==> flow/design.v <==
module dp_mult_p #(
   parameter int W = 6
) (
   input logic sys_clk,
   input logic rst_n,
   input logic [W-1:0] arg0,
   input logic [W-1:0] arg1,
   output logic [2*W-1:0] out
);
   logic [W-1:0] arg0_s;
   logic [W-1:0] arg1_s;
   always_ff @(posedge sys_clk or negedge rst_n) begin
      if (~rst_n) begin
         arg0_s <= 0;
         arg1_s <= 0;
      end else begin
         arg0_s <= arg0;
         arg1_s <= arg1;
      end
   end
   wire [2*W-1:0] tree [0:W];
   assign tree[0] = 0;
   for (genvar gi = 0; gi < W; gi++) begin : slice
      assign tree[gi+1] = tree[gi] + (arg1_s[gi] ? {{W{1'b0}}, arg0_s} << gi : {2*W{1'b0}});
   end
   logic [2*W-1:0] out_s;
   always_ff @(posedge sys_clk or negedge rst_n) begin
      if (~rst_n) begin
         out_s <= 0;
      end else begin
         out_s <= tree[W];
      end
   end
   assign out = out_s;
endmodule
# Tool chain data of dp_mult_p
# Tool output for the design above, in the order of the flow.
# Line numbers count from 1 in the design file above.
# Operators carry their Yosys type and port widths (W data, S select, Z words).
# Cell names lack the library's common part.
design:
  design: "dp_mult_p"
  clock_port: "sys_clk"
  lib: "sky130hd"
  pvt_corner: "tt_025C_1v80"

# Word-level counts
# Yosys after proc, flatten, opt, wreduce and memory -nomap, before mapping. Enables and synchronous resets that opt folds into registers are not counted as muxes. Memory bits, and registers merged into a memory's read port (data or address), are not among the register bits. Print and check cells are not counted. Equal cells are merged and count once.
op_classes:
  add_sub_neg: 5
  muxes: 6
ops:
  columns: ["operator", "count"]
  rows:
  - ["$add A11 B11 Y12", 1]
  - ["$add A10 B10 Y11", 1]
  - ["$mux W11", 1]
  - ["$add A9 B9 Y10", 1]
  - ["$mux W10", 1]
  - ["$add A8 B8 Y9", 1]
  - ["$mux W9", 1]
  - ["$add A6 B7 Y8", 1]
  - ["$mux W8", 1]
  - ["$mux W7", 1]
  - ["$mux W6", 1]
word_totals:
  reg_bits: 24
  out_inout_bits: 12
  word_cells: 14

# Depth
# Yosys ltp: most cells in a row. Word level: on the elaborated netlist, between registers, memories and ports. Mapped: between sequential cells and ports; inverters and the memories' decode and read muxes count.
depth:
  ltp_word: 6
  abc_area: 0
  mapped_depth: 14

# After synthesis
# Yosys stat after the flow's synthesis: flattened, memories mapped to cells. It holds for the ABC_AREA given above (unset counts as 0); a run with the other value may have another netlist.
# Totals and module areas in this step are rounded.
by_type:
  columns: ["cell", "count", "type_area_um2"]
  rows:
  - ["dfrtp_1", 24, 600.576]
  - ["fa_1", 18, 360.346]
  - ["ha_1", 18, 225.216]
  - ["and2_1", 26, 162.656]
  - ["inv_1", 23, 86.333]
  - ["nand2_1", 12, 45.043]
  - ["xnor2_1", 4, 35.034]
  - ["nor2b_1", 4, 25.024]
  - ["nor2_1", 5, 18.768]
  - ["nor2b_4", 1, 13.763]
  - ["a21boi_2", 1, 11.261]
  - ["a21oi_1", 2, 10.01]
  - ["or4b_1", 1, 10.01]
  - ["a221oi_1", 1, 8.758]
  - ["o21ai_2", 1, 8.758]
  - ["a21boi_1", 1, 7.507]
  - ["nand3b_1", 1, 7.507]
  - ["o22ai_1", 1, 6.256]
# Other cell types: 2; their cells: 2.
synth_totals:
  stdcells: 146
  yosys_area_mm2: 0.0017
  seq_area_mm2: 0.0006
  ffs: 24
  n_buf: 0

# Worst setup path after synthesis
# OpenSTA on the mapped netlist: ideal clock, no wires. The path of least setup slack (recovery checks aside). Input and output delay are each 20% of the period. Register names are those of the netlist, which keeps one name where synthesis merged equal registers.
synth_timing:
  path_kind: "register -> register"
  from: "register arg0_s[4]"
  to: "register out_s[10]"
  period_ps: 4330
  setup_time_ps: 69
  arrival_ps: 3392
  setup_slack_ps: 870
  path_delay_ps: 3461
  path_stages: 13
  path_buffers: 0
  period_less_setup_slack_ps: 3460
# "path_delay_ps" is the arrival time less input delay plus setup time.
# "path_stages" counts driving pins, that of a launching flip-flop among them; a cell with two outputs on the path counts twice.
# "period_less_setup_slack_ps" is the clock period less the worst setup slack; recovery checks do not enter. This is arithmetic on one report: input and output delays are still those of the set period (20% each).
# The rows between start and end are the longest chain of elaborated cells between them; the timing report does not say that the signal goes this way. Where chains are equally long, one stands for them.
# A line is the first line of the expression or statement that the cell stems from. Yosys adds cells for indexed reads and writes and turns some case tables into memories.
synth_via:
  path_cell_list: "dfrtp_1 > and2_1 > fa_1 > fa_1 > inv_1 > fa_1 > inv_1 > ha_1 > nor2b_4 > o21ai_2 > a21boi_2 > or4b_1 > nand3_1"
  elab_chain_cells: 6
  cone_cells: 11
  cone_lines: 1
  classes_between: "5 x add/sub; 6 x mux"
synth_lines:
  columns: ["element", "line", "source"]
  rows:
  - ["start, declared", 10, "logic [W-1:0] arg0_s;"]
  - ["start, assigned", 14, "arg0_s <= 0;"]
  - ["start, assigned", 17, "arg0_s <= arg0;"]
  - ["$mux W6", 24, "assign tree[gi+1] = tree[gi] + (arg1_s[gi] ? {{W{1'b0}}, arg0_s} << gi : {2*W{1'b0}});"]
  - ["$add A6 B7 Y8", 24, null]
  - ["$add A8 B8 Y9", 24, null]
  - ["$add A9 B9 Y10", 24, null]
  - ["$add A10 B10 Y11", 24, null]
  - ["$add A11 B11 Y12", 24, null]
  - ["end, assigned", 29, "out_s <= 0;"]
  - ["end, assigned", 31, "out_s <= tree[W];"]
  - ["end, declared", 26, "logic [2*W-1:0] out_s;"]

# Path in the finished layout
# From the final timing report of stored run 1: the path of least setup slack in the routed layout; clock arrival at registers is part of the times.
# The report prints the path's times to 10 ps; the period is as set.
layout_timing:
  path_kind: "register -> register"
  from: "register arg0_s[3]"
  to: "register out_s[10]"
  period_ps: 2620
  setup_time_ps: 50
  arrival_ps: 3700
  setup_slack_ps: -800
  path_stages: 12
  path_buffers: 0
# The rows between start and end are the longest chain of elaborated cells between them; the timing report does not say that the signal goes this way. Where chains are equally long, one stands for them.
layout_via:
  path_cell_list: "dfrtp_2 > and2_4 > fa_1 > fa_1 > fa_1 > inv_2 > fa_2 > nor2b_4 > o21ai_2 > a21boi_2 > or4b_1 > nand3_1"
  elab_chain_cells: 6
  cone_cells: 11
  cone_lines: 1
  classes_between: "5 x add/sub; 6 x mux"
layout_lines:
  columns: ["element", "line", "source"]
  rows:
  - ["start, declared", 10, "logic [W-1:0] arg0_s;"]
  - ["start, assigned", 14, "arg0_s <= 0;"]
  - ["start, assigned", 17, "arg0_s <= arg0;"]
  - ["$mux W6", 24, "assign tree[gi+1] = tree[gi] + (arg1_s[gi] ? {{W{1'b0}}, arg0_s} << gi : {2*W{1'b0}});"]
  - ["$add A6 B7 Y8", 24, null]
  - ["$add A8 B8 Y9", 24, null]
  - ["$add A9 B9 Y10", 24, null]
  - ["$add A10 B10 Y11", 24, null]
  - ["$add A11 B11 Y12", 24, null]
  - ["end, assigned", 29, "out_s <= 0;"]
  - ["end, assigned", 31, "out_s <= tree[W];"]
  - ["end, declared", 26, "logic [2*W-1:0] out_s;"]

Measured data: module dp_mult_p, platform sky130hd, 3 stored runs of the flow under differing settings, order arbitrary. Input and output delays are each 20% of the period that was set; the output load is 0.01 pF.
By "achieved_period_ps" is meant the clock period of the run minus its worst setup slack. This is arithmetic on one report: input and output delays are still those of the set period (20% each).
By "worst_path_time_ps" is meant the share of the clock period that the worst setup path is allowed (20% is reserved at inputs, 20% at outputs), minus its slack. Clock arrival times at its registers enter into it.
"worst_path_time_ps" is known to 10 ps.
Measured values are rounded.

--- stored run 1 ---
==> flow/run.sh <==
#!/bin/bash
# the make line also repeats the synthesis and layout settings of config.mk as NAME=value (left out here)
make -C /OpenROAD-flow-scripts/flow DESIGN_CONFIG=/design/flow/config.mk WORK_HOME=/design/flow/orfs CLKGATE_MAP_FILE= finish
==> flow/config.mk <==
export PLATFORM = sky130hd
export DESIGN_NAME = dp_mult_p
export DESIGN_NICKNAME = dp_mult_p
export VERILOG_FILES = /design/flow/design.v
export SDC_FILE = /design/flow/constraint.sdc
export NUM_CORES = 4
export LEC_CHECK = 0
export CAP_MARGIN = 20
export CORE_MARGIN = 3
export CORE_UTILIZATION = 59
export CTS_CLUSTER_DIAMETER = 394
export CTS_CLUSTER_SIZE = 45
export MAX_ROUTING_LAYER = met5
export PLACE_DENSITY_LB_ADDON = 0.15
export SETUP_SLACK_MARGIN = 0.6
export SLEW_MARGIN = 40
==> flow/constraint.sdc <==
create_clock -name core_clock -period 2.62 [get_ports {sys_clk}]
set_input_delay 0.5240 -clock core_clock [delete_from_list [all_inputs] [get_ports {sys_clk}]]
set_output_delay 0.5240 -clock core_clock [all_outputs]
set_load 0.01 [all_outputs]

==> results, as YAML <==
results:
  dieArea_mm2: 0.0035
  fin_ws_ps: -800
  synth_chip_area_mm2: 0.0017
  achieved_period_ps: 3416
  fin_util_pct: 91
  worst_path_time_ps: 3420
  timing.worst_path_kind: "register -> register"

--- stored run 2 ---
==> flow/run.sh <==
#!/bin/bash
# the make line also repeats the synthesis and layout settings of config.mk as NAME=value (left out here)
make -C /OpenROAD-flow-scripts/flow DESIGN_CONFIG=/design/flow/config.mk WORK_HOME=/design/flow/orfs CLKGATE_MAP_FILE= finish
==> flow/config.mk <==
export PLATFORM = sky130hd
export DESIGN_NAME = dp_mult_p
export DESIGN_NICKNAME = dp_mult_p
export VERILOG_FILES = /design/flow/design.v
export SDC_FILE = /design/flow/constraint.sdc
export NUM_CORES = 4
export LEC_CHECK = 0
export CAP_MARGIN = 20
export CORE_MARGIN = 2
export CORE_UTILIZATION = 40
export SLEW_MARGIN = 20
==> flow/constraint.sdc <==
create_clock -name core_clock -period 4.33 [get_ports {sys_clk}]
set_input_delay 0.8660 -clock core_clock [delete_from_list [all_inputs] [get_ports {sys_clk}]]
set_output_delay 0.8660 -clock core_clock [all_outputs]
set_load 0.01 [all_outputs]

==> results, as YAML <==
results:
  dieArea_mm2: 0.0047
  fin_ws_ps: 740
  synth_chip_area_mm2: 0.0017
  achieved_period_ps: 3590
  fin_util_pct: 51
  worst_path_time_ps: 3590
  timing.worst_path_kind: "register -> register"

--- stored run 3 ---
==> flow/run.sh <==
#!/bin/bash
# the make line also repeats the synthesis and layout settings of config.mk as NAME=value (left out here)
make -C /OpenROAD-flow-scripts/flow DESIGN_CONFIG=/design/flow/config.mk WORK_HOME=/design/flow/orfs CLKGATE_MAP_FILE= finish
==> flow/config.mk <==
export PLATFORM = sky130hd
export DESIGN_NAME = dp_mult_p
export DESIGN_NICKNAME = dp_mult_p
export VERILOG_FILES = /design/flow/design.v
export SDC_FILE = /design/flow/constraint.sdc
export NUM_CORES = 4
export LEC_CHECK = 0
export CAP_MARGIN = 25
export CORE_MARGIN = 6
export CORE_UTILIZATION = 67
export GPL_ROUTABILITY_DRIVEN = 0
export GPL_TIMING_DRIVEN = 1
export SETUP_SLACK_MARGIN = 0.37
export SLEW_MARGIN = 20
export TNS_END_PERCENT = 75
==> flow/constraint.sdc <==
create_clock -name core_clock -period 3.25 [get_ports {sys_clk}]
set_input_delay 0.6500 -clock core_clock [delete_from_list [all_inputs] [get_ports {sys_clk}]]
set_output_delay 0.6500 -clock core_clock [all_outputs]
set_load 0.01 [all_outputs]

==> results, as YAML <==
outcome: "not finished: clock tree synthesis ended with error DPL-0033"
